==> flow/design.v <==
module my_reg_bank_top #(
    parameter ENTRIES = 4,
    parameter DATA_W = 6,
    parameter ADDR_WIDTH = $clog2(ENTRIES)
) (
    input  wire i_clk,
    input  wire RSTN,
    input  wire [ADDR_WIDTH-1:0] i_addr,
    input  wire i_write,
    input  wire [DATA_W-1:0] i_write_data,
    output wire [DATA_W-1:0] o_read_data
);
    reg [ADDR_WIDTH-1:0] r_addr;
    always @(posedge i_clk or negedge RSTN) begin
        if (~RSTN) begin
            r_addr <= 0;
        end else begin
            r_addr <= i_addr;
        end
    end
    reg r_write;
    always @(posedge i_clk or negedge RSTN) begin
        if (~RSTN) begin
            r_write <= 1'b0;
        end else begin
            r_write <= i_write;
        end
    end
    reg [DATA_W-1:0] r_write_data;
    always @(posedge i_clk or negedge RSTN) begin
        if (~RSTN) begin
            r_write_data <= 0;
        end else begin
            r_write_data <= i_write_data;
        end
    end
    reg [DATA_W-1:0] bank [0:ENTRIES-1];
    always @(posedge i_clk)
        if (r_write) bank[r_addr] <= r_write_data;
    assign o_read_data = bank[r_addr];
endmodule
* Reports on my_reg_bank_top *
The steps from the RTL of my_reg_bank_top to its reports follow in flow order.
Lines are those of the file above, counted from 1.
Library cell names are shortened.
Not given: n/a

design
  top = my_reg_bank_top
  clock = i_clk
  cell library = sky130hd
  timing corner = tt_025C_1v80

* After elaboration *
Counts by Yosys on the flattened word-level netlist (proc, flatten, opt, wreduce; memories kept). Register bits leave out memories and registers merged into their read ports (data or address); mux counts leave out enables and synchronous resets folded into registers. Print and check cells are left out. Cells with the same type and inputs are merged into one.
Memory sizes are those after Yosys's memory passes, which may raise the word count (mostly to a power of two), join words into wider ones and drop unused or constant bits.

storage and ports
  elaborated cells = 7
  output and inout port bits = 6
  register bits after elaboration = 9
  memories = 1
  memory bits (writable) = 24

memories
  memory  depth  width  read ports  wr ports  RTL line  source
  bank    4      6      1           1         37        reg [DATA_W-1:0] bank [0:ENTRIES-1];

cells by class
  multiplexer cells = 3

operator list
  kind               count
  two-way mux 6 bit  1
  two-way mux 2 bit  1
  two-way mux 1 bit  1

* Longest topological paths *
Longest topological path by Yosys (ltp), each cell counted once; first at word level (registers and memories cut), then after technology mapping (sequential cells cut; the memories' decode and read muxes count).

logic depth
  depth in word-level cells = 1
  ABC_AREA = 0
  mapped depth = 2
  gate-level depth less buffers = 1

* Netlist *
The flow's flattened synthesis, as Yosys stat reports it; memories are mapped. The netlist is that of the ABC_AREA named above (0 if unset); the other value can give another one.

mapped netlist
  cell count = 45
  buffers = 2
  cell area after synthesis = 0.0011323 mm^2
  flip-flops = 33

cells by type
  cell      count
  edfxtp_1  24
  dfrtp_1   9
  mux4_2    6
  and3b_2   2
  buf_6     1
  and3_2    1
  nor3b_1   1
  buf_2     1

* Worst setup path after synthesis *
Source: OpenSTA report_checks on the synthesized netlist (no wires, ideal clock, input and output delay 20% of the period each), path of least setup slack; recovery checks are left aside. Register names are those of the netlist, which keeps one name where synthesis merged equal registers.

timing post-synthesis
  kind = register -> register
  start point = reg r_addr[1]
  end point = mem bank[0][0]
  path delay = 1.433 ns
  arrival time = 1.055 ns
  clock period = 1.79 ns
  setup slack = 0.357 ns
  path buffers = 1
  stages = 3
  synthesis period reached = 1.433 ns

"path delay" is the arrival time less input delay plus setup time.
"stages" counts driving pins, that of a launching flip-flop among them; a cell with two outputs on the path counts twice.
"synthesis period reached" = period - worst setup slack (recovery checks aside). The figure is calculated, with input and output delays left at 20% of the set period.
Between the ends stands the longest chain of elaborated cells between them, by number of cells; it is not shown to be the way that was timed. Of several equally long chains one is given.
Each line given opens the expression or statement behind the cell; cells for indexed reads and writes are added by Yosys, which also makes memories of some case tables.

on the way, post-synthesis
  path through = dfrtp_1 > buf_2 > nor3b_1
  cells in the longest elaborated chain = 1
  elaborated cells on any way between the ends = 1

ends and longest elaborated chain, post-synthesis
  element            RTL line  source
  from (decl)        13        reg [ADDR_WIDTH-1:0] r_addr;
  from (assign)      16        r_addr <= 0;
  from (assign)      18        r_addr <= i_addr;
  two-way mux 2 bit  39        if (r_write) bank[r_addr] <= r_write_data;
  to (decl)          37        reg [DATA_W-1:0] bank [0:ENTRIES-1];

* Timing after layout *
From the final timing report of entry A: the path of least setup slack in the routed layout; clock arrival at registers is part of the times.

timing post-layout
  kind = register -> output
  start point = reg r_addr[0]
  end point = out o_read_data[5]
  path buffers = 2
  stages = 4
  arrival time = 1.50 ns
  clock period = 1.79 ns
  setup slack = -0.07 ns

Between the ends stands the longest chain of elaborated cells between them, by number of cells; it is not shown to be the way that was timed. Of several equally long chains one is given.
The chain passes a memory read, where the word-level depth is cut; so it can be longer than that depth.

on the way, post-layout
  path through = dfrtp_1 > buf_6 > mux4_2 > buf_6
  cells in the longest elaborated chain = 1
  elaborated cells on any way between the ends = 1

ends and longest elaborated chain, post-layout
  element                  RTL line  source
  from (decl)              13        reg [ADDR_WIDTH-1:0] r_addr;
  from (assign)            16        r_addr <= 0;
  from (assign)            18        r_addr <= i_addr;
  memory read (4 x 6 bit)  37        reg [DATA_W-1:0] bank [0:ENTRIES-1];
  to (decl)                11        output wire [DATA_W-1:0] o_read_data

Subject: flow runs of my_reg_bank_top

Hi,

my_reg_bank_top through Yosys and OpenROAD on sky130hd: 3 stored runs, unordered, with their settings and measured results. The constraints put input and output delay at 20% of the set period each and load the outputs with 0.01 pF.
"achieved period" is the run's clock period less its worst setup slack. It is reckoned from that one timing run; input and output delays stay at 20% of the period that was set.
"worst setup path time" means the part of the period allowed to the worst setup path (the constraints hold back 20% at inputs and 20% at outputs) less its slack; where the path has registers, the arrival times of their clocks count too.
"total power of the final layout" rests on the timing tool's default activity at the inputs, not on a simulated workload.
A setting shown as n/a is not set for that run.
Results: n/a = not shown.

item                                           entry A             entry B             entry C
period_ns                                      1.79                1.15                2.82
CAP_MARGIN                                     20                  5                   25
CORE_MARGIN                                    2                   7                   2
CORE_UTILIZATION                               40                  32                  68
SLEW_MARGIN                                    20                  25                  20
SETUP_SLACK_MARGIN                             n/a                 0.23                0.19
PLACE_DENSITY_LB_ADDON                         n/a                 0.04                0.25
CELL_PAD_IN_SITES_GLOBAL_PLACEMENT             n/a                 2                   n/a
CELL_PAD_IN_SITES_DETAIL_PLACEMENT             n/a                 2                   2
GPL_ROUTABILITY_DRIVEN                         n/a                 0                   1
CTS_CLUSTER_SIZE                               n/a                 61                  33
CTS_CLUSTER_DIAMETER                           n/a                 379                 199
MIN_ROUTING_LAYER                              n/a                 met2                n/a
TNS_END_PERCENT                                n/a                 n/a                 65
ABC_AREA                                       n/a                 n/a                 1
worst setup path time (ns)                     1.50                1.52                n/a
worst setup path type                          register -> output  register -> output  n/a
summed negative setup slack (ns)               -0.313              -9.881              n/a
die area (mm^2)                                0.0032724           0.0054001           n/a
post-layout utilization (%)                    51.6                44.7                n/a
setup slack of the worst path (ns)             -0.073              -0.603              n/a
chip area after synthesis (Yosys) (mm^2)       0.0011323           0.0011323           n/a
achieved period (ns)                           1.863               1.753               n/a
standard-cell area of the final layout (mm^2)  0.0014101           0.0015027           n/a
total power of the final layout (mW)           1.362               2.148               n/a

Entry C: incomplete, placement halted on DPL-0033

Regards
